==> flow/design.v <==
module my_add_p #(
    parameter DW = 5,
    parameter INPUTS = 3,
    parameter SUM_W = DW + $clog2(INPUTS)
) (
    input logic core_clk,
    input logic rst_n,
    input logic ce,
    input logic [INPUTS*DW-1:0] bus,
    output logic [SUM_W-1:0] sum
);
    logic [SUM_W-1:0] work;
    always_comb begin
        work = '0;
        for (int idx = 0; idx < INPUTS; idx++)
            work = work + bus[idx*DW +: DW];
    end
    logic [SUM_W-1:0] sum_r;
    always_ff @(posedge core_clk or negedge rst_n) begin
        if (!rst_n) begin
            sum_r <= '0;
        end else if (ce) begin
            sum_r <= work;
        end
    end
    assign sum = sum_r;
endmodule
* Reports on my_add_p
Tool output for the design above, in the order of the flow.
Line numbers count from 1 in the design file above.
Operators: Yosys type, input widths -> output width; for muxes data width and select width s.
Not given: n/a
- Top module :: my_add_p
- Clock :: core_clk
- Standard-cell library :: sky130hd
- Timing corner :: tt_025C_1v80

* Elaborated design
Counts by Yosys on the flattened word-level netlist (proc, flatten, opt, wreduce; memories kept). Register bits leave out memories and registers merged into their read ports (data or address); mux counts leave out enables and synchronous resets folded into registers. Print and check cells are left out. Cells with the same type and inputs are merged into one.
- Register bits after elaboration :: 7
- Latch bits :: 0
- RAM bits :: 0
- Memory bits (read-only) :: 0
- Word width x clocked read ports :: 0
- Memory cells :: 0
- Input port bits :: 18
- Output and inout bits :: 7
- Elaborated cells :: 3
- Add/sub/neg operators :: 2
- Multiply operators :: 0
- Div/mod/pow operators :: 0
- Order comparisons :: 0
- Eq/ne operators :: 0
- Shifts and indexed selects :: 0
- Multiplexer cells :: 0
- Bitwise gates (word level) :: 0
- Reduce/logical cells :: 0
** Operators by type and width (count)
- $add 6x5->7 :: 1
- $add 5x5->6 :: 1

* Depth
Longest topological path by Yosys (ltp), each cell counted once; first at word level (registers and memories cut), then after technology mapping (sequential cells cut; the memories' decode and read muxes count).
- Depth after elaboration :: 2
- ABC_AREA :: 0
- Depth in mapped cells :: 8
- Mapped depth without buffers :: 8

* Mapped cells and area
Source: synth_stat.txt of the flow (Yosys; design flattened, memories mapped). It holds for the ABC_AREA given above (unset counts as 0); a run with the other value may have another netlist.
** Cell types
- sky130_fd_sc_hd__dfrtp_1 :: count 7, total area 175.168 sq um
- sky130_fd_sc_hd__fa_1 :: count 6, total area 120.115 sq um
- sky130_fd_sc_hd__ha_1 :: count 4, total area 50.048 sq um
- sky130_fd_sc_hd__inv_1 :: count 9, total area 33.782 sq um
- sky130_fd_sc_hd__a211oi_1 :: count 3, total area 22.522 sq um
- sky130_fd_sc_hd__mux2_2 :: count 2, total area 22.522 sq um
- sky130_fd_sc_hd__a21oi_1 :: count 3, total area 15.014 sq um
- sky130_fd_sc_hd__nor2_1 :: count 4, total area 15.014 sq um
- sky130_fd_sc_hd__and3_4 :: count 1, total area 11.261 sq um
- sky130_fd_sc_hd__buf_6 :: count 1, total area 11.261 sq um
- sky130_fd_sc_hd__nand3_1 :: count 2, total area 10.01 sq um
- sky130_fd_sc_hd__o21ai_0 :: count 2, total area 10.01 sq um
- sky130_fd_sc_hd__nor4b_1 :: count 1, total area 8.758 sq um
- sky130_fd_sc_hd__o31a_1 :: count 1, total area 8.758 sq um
- sky130_fd_sc_hd__xnor2_1 :: count 1, total area 8.758 sq um
- sky130_fd_sc_hd__a21o_1 :: count 1, total area 7.507 sq um
- sky130_fd_sc_hd__nand2_1 :: count 2, total area 7.507 sq um
- sky130_fd_sc_hd__o211ai_1 :: count 1, total area 7.507 sq um
- sky130_fd_sc_hd__o31ai_1 :: count 1, total area 7.507 sq um
- Cell count :: 52
- Synthesis area :: 553.0 sq um
- Sequential part of the area :: 175.2 sq um
- Flip-flop cells :: 7
- Buffers :: 1

* Path before layout
Path of least setup slack by OpenSTA after synthesis, without wires, with an ideal clock, recovery checks aside; 20% of the period is set as input and as output delay. Where synthesis merged equal registers, the netlist keeps one of their names.
- Kind :: input-to-reg
- Start point :: input bus[1]
- End point :: register sum_r[5]
- Period :: 2.37 ns
- External input delay :: 0.474 ns
- Setup time :: 0.087 ns
- Launch time at the first pin :: 0.474 ns
- Data arrival time :: 1.901 ns
- Data required time :: 2.283 ns
- Path slack :: 0.382 ns
- Delay of the path :: 1.514 ns
- Stages on the path :: 6
- Buffers on the path :: 0
- Period reached after synthesis :: 1.988 ns
"delay of the path" is the arrival time less input delay plus setup time.
"stages on the path": output pins that drive a net of the path, with the launching flip-flop's if there is one; two outputs of one cell count as two.
"period reached after synthesis" is the clock period less the worst setup slack; recovery checks do not enter. This is arithmetic on one report: input and output delays are still those of the set period (20% each).
The rows between start and end are the longest chain of elaborated cells between them; the timing report does not say that the signal goes this way. Where chains are equally long, one stands for them.
Each line given opens the expression or statement behind the cell; cells for indexed reads and writes are added by Yosys, which also makes memories of some case tables.
- Path through :: sky130_fd_sc_hd__fa_1 sky130_fd_sc_hd__ha_1 sky130_fd_sc_hd__fa_1 sky130_fd_sc_hd__a21oi_1 sky130_fd_sc_hd__nand3_1 sky130_fd_sc_hd__o211ai_1
- Length of the longest elaborated chain :: 2
- Elaborated cells between the ends (all ways) :: 2
- RTL lines with such cells :: 1
- Classes of those cells :: add/sub (2)
** Ends and longest elaborated chain, post-synthesis
- start, declared :: line 9 : input logic [INPUTS*DW-1:0] bus,
- $add 5x5->6 :: line 16 : work = work + bus[idx*DW +: DW];
- $add 6x5->7 :: line 16
- end, assigned :: line 21 : sum_r <= '0;
- end, assigned :: line 23 : sum_r <= work;
- end, declared :: line 18 : logic [SUM_W-1:0] sum_r;

* Path in the finished layout
Path of least setup slack in the final report of run 3 (OpenROAD, finished layout, wires in). Where an end is a register, its clock arrival counts in the times.
- Kind :: input-to-reg
- Start point :: input bus[2]
- End point :: register sum_r[6]
- Period :: 2.37 ns
- External input delay :: 0.47 ns
- Setup time :: 0.11 ns
- Launch time at the first pin :: 0.47 ns
- Data arrival time :: 2.41 ns
- Data required time :: 2.50 ns
- Path slack :: 0.09 ns
- Stages on the path :: 6
- Buffers on the path :: 1
The rows between start and end are the longest chain of elaborated cells between them; the timing report does not say that the signal goes this way. Where chains are equally long, one stands for them.
- Path through :: sky130_fd_sc_hd__clkdlybuf4s50_1 sky130_fd_sc_hd__fa_1 sky130_fd_sc_hd__ha_1 sky130_fd_sc_hd__a211oi_1 sky130_fd_sc_hd__nor2_1 sky130_fd_sc_hd__o31a_1
- Length of the longest elaborated chain :: 2
- Elaborated cells between the ends (all ways) :: 2
- RTL lines with such cells :: 1
- Classes of those cells :: add/sub (2)
** Ends and longest elaborated chain, post-layout
- start, declared :: line 9 : input logic [INPUTS*DW-1:0] bus,
- $add 5x5->6 :: line 16 : work = work + bus[idx*DW +: DW];
- $add 6x5->7 :: line 16
- end, assigned :: line 21 : sum_r <= '0;
- end, assigned :: line 23 : sum_r <= work;
- end, declared :: line 18 : logic [SUM_W-1:0] sum_r;

Lab notebook: my_add_p

Stored flow runs of my_add_p (3 of them; Yosys, OpenROAD, sky130hd). They differ in their settings and are not a sequence. Constraints: input delay and output delay 20% of the set period each, output load 0.01 pF.
"reached clock period": clock period set for the run, less the worst setup slack. It is reckoned from that one timing run; input and output delays stay at 20% of the period that was set.
"critical path time" is the time allowed to the run's worst setup path (the clock period less input and output delay, where it has them) less its slack. Clock arrival times count: a late capture clock shortens it, a late launch clock lengthens it.
By "total power of the final layout" is meant OpenSTA's value without simulated activity: inputs other than the clock are taken to toggle once in ten clock periods, and the tool carries that through the logic.

** Run 1
- Settings :: period_ns=1.86; CORE_UTILIZATION=39; SETUP_SLACK_MARGIN=0.03; PLACE_DENSITY_LB_ADDON=0.29; HOLD_SLACK_MARGIN=0.2; CORE_MARGIN=9; CELL_PAD_IN_SITES_DETAIL_PLACEMENT=2; MAX_ROUTING_LAYER=met5; CAP_MARGIN=20; SLEW_MARGIN=20
- Outcome :: unfinished; error DPL-0033 in placement

** Run 2
- Settings :: period_ns=3.62; CORE_UTILIZATION=42; SETUP_SLACK_MARGIN=0.69; PLACE_DENSITY_LB_ADDON=0.03; CORE_ASPECT_RATIO=0.5; CORE_MARGIN=2; GPL_TIMING_DRIVEN=0; GPL_ROUTABILITY_DRIVEN=1; SLEW_MARGIN=30; CAP_MARGIN=20
- Outcome :: unfinished; error PDN-0185 in floorplanning

** Run 3
- Settings :: period_ns=2.37; CAP_MARGIN=20; CORE_MARGIN=2; CORE_UTILIZATION=40; SLEW_MARGIN=20
- Area of the synthesized netlist :: 553.0 sq um
- Total die area :: 1696.2 sq um
- Standard-cell area of the final layout :: 853.3 sq um
- Post-layout utilization :: 65.6%
- Worst setup slack after layout :: 0.087 ns
- Sum of negative setup slack :: 0.000 ns
- Total power of the final layout :: 0.0005282 W
- Reached clock period :: 2.283 ns
- Critical path time :: 1.81 ns
- Critical path type :: input-to-reg
